==> flow/design.v <==
module cpu_mul_core_blk #(
    parameter integer DWIDTH = 18,
    parameter integer KVAL = 683,
    parameter integer RW = DWIDTH + $clog2(KVAL + 1)
) (
    input  core_clk,
    input  rst_n,
    input  [DWIDTH-1:0] in_A,
    output [RW-1:0] out_prod
);
    reg [DWIDTH-1:0] r_A;
    reg [RW-1:0] r_prod;
    always @(posedge core_clk or negedge rst_n) begin
        if (!rst_n) begin
            r_A <= 0;
            r_prod <= 0;
        end else begin
            r_A <= in_A;
            r_prod <= r_A * KVAL;
        end
    end
    assign out_prod = r_prod;
endmodule
# --- Reports on cpu_mul_core_blk ---
# The steps from the RTL of cpu_mul_core_blk to its reports follow in flow order.
# Line numbers count from 1 in the design file above.
# Operators: Yosys type, input widths -> output width; for muxes data width and select width s.
inputs:
  top: "cpu_mul_core_blk"
  clk_port: "core_clk"
  cell_library: "sky130hd"
  corner: "tt_025C_1v80"

# --- Word level ---
# Yosys after proc, flatten, opt, wreduce and memory -nomap, before mapping. Enables and synchronous resets that opt folds into registers are not counted as muxes. Memory bits, and registers merged into a memory's read port (data or address), are not among the register bits. Print and check cells are not counted. Equal cells are merged and count once.
word_totals:
  latchBits: 0
  word_cells: 3
  reg_bits: 46
  clocked_rd_ports_x_width: 0
  output_inout_bits: 28
  ram_bits: 0
  romBits: 0
  in_bits: 20
  mem_count: 0
op_classes:
  reduce_logical: 0
  logic: 0
  n_eq: 0
  add_sub_neg: 0
  mux: 0
  mul: 1
  cmp: 0
  div_mod_pow: 0
  shifts: 0
op_table:
  columns: ["op", "count"]
  rows:
  - ["$mul 18x10->28 const B", 1]

# --- Logic depth ---
# Longest topological path by Yosys (ltp), each cell counted once; first at word level (registers and memories cut), then after technology mapping (sequential cells cut; the memories' decode and read muxes count).
logic_depth:
  depth_word: 1
  ABC_AREA: 1
  ltp_mapped: 20
  depth_no_buf: 20

# --- Synthesis result ---
# Yosys stat after the flow's synthesis: flattened, memories mapped to cells. It holds for the ABC_AREA given above (unset counts as 0); a run with the other value may have another netlist.
# Totals and module areas in this step are rounded.
synth_totals:
  ff_cells: 46
  cells: 617
  buffers: 0
  seq_area_mm2: 0.00115
  synth_area_mm2: 0.00516
by_type:
  columns: ["type", "count", "type_area_um2"]
  rows:
  - ["sky130_fd_sc_hd__dfrtp_1", 46, 1.15E+03]
  - ["sky130_fd_sc_hd__ha_1", 88, 1.1E+03]
  - ["sky130_fd_sc_hd__fa_1", 53, 1.06E+03]
  - ["sky130_fd_sc_hd__inv_1", 173, 649.373]
  - ["sky130_fd_sc_hd__nand2_1", 140, 525.504]
  - ["sky130_fd_sc_hd__xor2_1", 13, 113.859]
  - ["sky130_fd_sc_hd__a21oi_1", 20, 100.096]
  - ["sky130_fd_sc_hd__nor2_1", 26, 97.594]
  - ["sky130_fd_sc_hd__nand3_1", 19, 95.091]
  - ["sky130_fd_sc_hd__nand4_1", 9, 56.304]
  - ["sky130_fd_sc_hd__xnor2_1", 5, 43.792]
  - ["sky130_fd_sc_hd__nor2_2", 4, 25.024]
  - ["sky130_fd_sc_hd__o21ai_0", 5, 25.024]
  - ["sky130_fd_sc_hd__nor3_2", 2, 20.019]
  - ["sky130_fd_sc_hd__and2_1", 3, 18.768]
  - ["sky130_fd_sc_hd__nand3b_1", 2, 15.014]
  - ["sky130_fd_sc_hd__nand2_2", 2, 12.512]
  - ["sky130_fd_sc_hd__nand3_2", 1, 10.01]
# Not listed: further types 5, cells in them 6.

# --- Worst setup path after synthesis ---
# Path of least setup slack by OpenSTA after synthesis, without wires, with an ideal clock, recovery checks aside; 20% of the period is set as input and as output delay. Where synthesis merged equal registers, the netlist keeps one of their names.
synth_path:
  path_type: "register to register"
  from: "register r_A[9]"
  to: "register r_prod[21]"
  setup_slack_ns: 1.610
  t_arrival_ns: 3.951
  n_path_buf: 0
  t_first_pin_ns: 0.000
  path_stages: 19
  clock_period_ns: 5.68
  required_ns: 5.562
  setup_time_ns: 0.118
  path_delay_ns: 4.069
  period_less_setup_slack_ns: 4.07
# "path_delay_ns" = arrival - input delay + setup time.
# "path_stages" counts driving pins, that of a launching flip-flop among them; a cell with two outputs on the path counts twice.
# "period_less_setup_slack_ns" = period - worst setup slack (recovery checks aside). The figure is calculated, with input and output delays left at 20% of the set period.
# The rows between start and end are the longest chain of elaborated cells between them; the timing report does not say that the signal goes this way. Where chains are equally long, one stands for them.
# Each line given opens the expression or statement behind the cell; cells for indexed reads and writes are added by Yosys, which also makes memories of some case tables.
synth_via:
  path_cell_list: "sky130_fd_sc_hd__dfrtp_1 -> sky130_fd_sc_hd__ha_1 -> sky130_fd_sc_hd__inv_1 -> sky130_fd_sc_hd__fa_1 -> sky130_fd_sc_hd__fa_1 -> sky130_fd_sc_hd__inv_1 -> sky130_fd_sc_hd__fa_1 -> sky130_fd_sc_hd__inv_1 -> sky130_fd_sc_hd__fa_1 -> sky130_fd_sc_hd__inv_1 -> sky130_fd_sc_hd__ha_1 -> sky130_fd_sc_hd__nand2_1 -> sky130_fd_sc_hd__inv_1 -> sky130_fd_sc_hd__a21oi_1 -> sky130_fd_sc_hd__nor2_1 -> sky130_fd_sc_hd__nor2_1 -> sky130_fd_sc_hd__nand3_1 -> sky130_fd_sc_hd__nand2_1 -> sky130_fd_sc_hd__nand2_1"
  elab_chain_len: 1
  cells_between: 1
  cone_lines: 1
  classes_between: "mul: 1"
synth_lines:
  columns: ["item", "line", "rtl"]
  rows:
  - ["from (decl)", 11, "reg [DWIDTH-1:0] r_A;"]
  - ["from (assign)", 15, "r_A <= 0;"]
  - ["from (assign)", 18, "r_A <= in_A;"]
  - ["$mul 18x10->28", 19, "r_prod <= r_A * KVAL;"]
  - ["to (assign)", 16, "r_prod <= 0;"]
  - ["to (assign)", 19, null]
  - ["to (decl)", 12, "reg [RW-1:0] r_prod;"]

# --- Worst path after layout ---
# From the final timing report of stored run 1: the path of least setup slack in the routed layout; clock arrival at registers is part of the times.
layout_path:
  path_type: "register to register"
  from: "register r_A[7]"
  to: "register r_prod[21]"
  setup_time_ns: 0.11
  path_stages: 19
  clock_period_ns: 6.4
  n_path_buf: 0
  t_arrival_ns: 4.82
  required_ns: 6.59
  t_first_pin_ns: 0.30
  setup_slack_ns: 1.77
# The rows between start and end are the longest chain of elaborated cells between them; the timing report does not say that the signal goes this way. Where chains are equally long, one stands for them.
layout_via:
  path_cell_list: "sky130_fd_sc_hd__dfrtp_1 -> sky130_fd_sc_hd__ha_1 -> sky130_fd_sc_hd__inv_1 -> sky130_fd_sc_hd__fa_1 -> sky130_fd_sc_hd__fa_1 -> sky130_fd_sc_hd__inv_1 -> sky130_fd_sc_hd__fa_1 -> sky130_fd_sc_hd__inv_1 -> sky130_fd_sc_hd__fa_1 -> sky130_fd_sc_hd__inv_1 -> sky130_fd_sc_hd__ha_1 -> sky130_fd_sc_hd__nand2_1 -> sky130_fd_sc_hd__inv_1 -> sky130_fd_sc_hd__a21oi_1 -> sky130_fd_sc_hd__nor2_1 -> sky130_fd_sc_hd__nor2_1 -> sky130_fd_sc_hd__nand3_1 -> sky130_fd_sc_hd__nand2_1 -> sky130_fd_sc_hd__nand2_1"
  elab_chain_len: 1
  cells_between: 1
  cone_lines: 1
  classes_between: "mul: 1"
layout_lines:
  columns: ["item", "line", "rtl"]
  rows:
  - ["from (decl)", 11, "reg [DWIDTH-1:0] r_A;"]
  - ["from (assign)", 15, "r_A <= 0;"]
  - ["from (assign)", 18, "r_A <= in_A;"]
  - ["$mul 18x10->28", 19, "r_prod <= r_A * KVAL;"]
  - ["to (assign)", 16, "r_prod <= 0;"]
  - ["to (assign)", 19, null]
  - ["to (decl)", 12, "reg [RW-1:0] r_prod;"]

Subject: cpu_mul_core_blk on sky130hd, stored results

Hello all,

3 stored runs of cpu_mul_core_blk in the flow (synthesis by Yosys, layout by OpenROAD, sky130hd cells), in arbitrary order. Constraints: input delay and output delay 20% of the set period each, output load 0.01 pF.
By "achieved_period_ns" is meant the clock period of the run minus its worst setup slack. This is arithmetic on one report: input and output delays are still those of the set period (20% each).
"worst_path_allowed_less_slack_ns" means the part of the period allowed to the worst setup path (the constraints hold back 20% at inputs and 20% at outputs) less its slack; where the path has registers, the arrival times of their clocks count too.
"power_total_uw": no workload was simulated; the value follows from the tool's default switching activity.
Values from the reports are rounded here.

--- stored run 1 ---
==> flow/run.sh <==
#!/bin/bash
# the make line also repeats the synthesis and layout settings of config.mk as NAME=value (left out here)
make -C /OpenROAD-flow-scripts/flow DESIGN_CONFIG=/design/flow/config.mk WORK_HOME=/design/flow/orfs CLKGATE_MAP_FILE= finish
==> flow/config.mk <==
export PLATFORM = sky130hd
export DESIGN_NAME = cpu_mul_core_blk
export DESIGN_NICKNAME = cpu_mul_core_blk
export VERILOG_FILES = /design/flow/design.v
export SDC_FILE = /design/flow/constraint.sdc
export NUM_CORES = 4
export LEC_CHECK = 0
export ABC_AREA = 1
export CAP_MARGIN = 0
export CELL_PAD_IN_SITES_DETAIL_PLACEMENT = 2
export CELL_PAD_IN_SITES_GLOBAL_PLACEMENT = 3
export CORE_MARGIN = 2
export CORE_UTILIZATION = 18
export CTS_CLUSTER_SIZE = 63
export GPL_TIMING_DRIVEN = 1
export SLEW_MARGIN = 20
export TNS_END_PERCENT = 55
==> flow/constraint.sdc <==
create_clock -name core_clock -period 6.4 [get_ports {core_clk}]
set_input_delay 1.2800 -clock core_clock [delete_from_list [all_inputs] [get_ports {core_clk}]]
set_output_delay 1.2800 -clock core_clock [all_outputs]
set_load 0.01 [all_outputs]

==> results, as YAML <==
results:
  power_total_uw: 3160
  synth_area_mm2: 0.00516
  tns_setup_ns: 0.000
  total_die_area_mm2: 0.03
  worst_path_allowed_less_slack_ns: 4.63
  worstPathKind: "register to register"
  achieved_period_ns: 4.631
  finish.utilization_frac: 0.224
  finalCellArea_mm2: 0.00627
  setup_ws_ns: 1.77

--- stored run 2 ---
==> flow/run.sh <==
#!/bin/bash
# the make line also repeats the synthesis and layout settings of config.mk as NAME=value (left out here)
make -C /OpenROAD-flow-scripts/flow DESIGN_CONFIG=/design/flow/config.mk WORK_HOME=/design/flow/orfs CLKGATE_MAP_FILE= finish
==> flow/config.mk <==
export PLATFORM = sky130hd
export DESIGN_NAME = cpu_mul_core_blk
export DESIGN_NICKNAME = cpu_mul_core_blk
export VERILOG_FILES = /design/flow/design.v
export SDC_FILE = /design/flow/constraint.sdc
export NUM_CORES = 4
export LEC_CHECK = 0
export CAP_MARGIN = 20
export CORE_MARGIN = 2
export CORE_UTILIZATION = 40
export SLEW_MARGIN = 20
==> flow/constraint.sdc <==
create_clock -name core_clock -period 5.68 [get_ports {core_clk}]
set_input_delay 1.1360 -clock core_clock [delete_from_list [all_inputs] [get_ports {core_clk}]]
set_output_delay 1.1360 -clock core_clock [all_outputs]
set_load 0.01 [all_outputs]

==> results, as YAML <==
results:
  synth_area_mm2: 0.0048
  power_total_uw: 3180
  achieved_period_ns: 4.865
  tns_setup_ns: 0.000
  finish.utilization_frac: 0.472
  total_die_area_mm2: 0.0129
  worst_path_allowed_less_slack_ns: 4.86
  worstPathKind: "register to register"
  setup_ws_ns: 0.815
  finalCellArea_mm2: 0.00559

--- stored run 3 ---
==> flow/run.sh <==
#!/bin/bash
# the make line also repeats the synthesis and layout settings of config.mk as NAME=value (left out here)
make -C /OpenROAD-flow-scripts/flow DESIGN_CONFIG=/design/flow/config.mk WORK_HOME=/design/flow/orfs CLKGATE_MAP_FILE= finish
==> flow/config.mk <==
export PLATFORM = sky130hd
export DESIGN_NAME = cpu_mul_core_blk
export DESIGN_NICKNAME = cpu_mul_core_blk
export VERILOG_FILES = /design/flow/design.v
export SDC_FILE = /design/flow/constraint.sdc
export NUM_CORES = 4
export LEC_CHECK = 0
export CAP_MARGIN = 20
export CORE_ASPECT_RATIO = 0.91
export CORE_MARGIN = 2
export CORE_UTILIZATION = 37
export CTS_CLUSTER_DIAMETER = 97
export GPL_ROUTABILITY_DRIVEN = 1
export GPL_TIMING_DRIVEN = 0
export MIN_ROUTING_LAYER = met2
export PLACE_DENSITY_LB_ADDON = 0.05
export SETUP_SLACK_MARGIN = -0.08
export SLEW_MARGIN = 20
export TNS_END_PERCENT = 95
==> flow/constraint.sdc <==
create_clock -name core_clock -period 3.68 [get_ports {core_clk}]
set_input_delay 0.7360 -clock core_clock [delete_from_list [all_inputs] [get_ports {core_clk}]]
set_output_delay 0.7360 -clock core_clock [all_outputs]
set_load 0.01 [all_outputs]

==> results, as YAML <==
results:
  power_total_uw: 6440
  tns_setup_ns: -10.8
  achieved_period_ns: 4.573
  finalCellArea_mm2: 0.00632
  synth_area_mm2: 0.0048
  finish.utilization_frac: 0.502
  total_die_area_mm2: 0.0139
  worst_path_allowed_less_slack_ns: 4.57
  worstPathKind: "register to register"
  setup_ws_ns: -0.893

Thanks
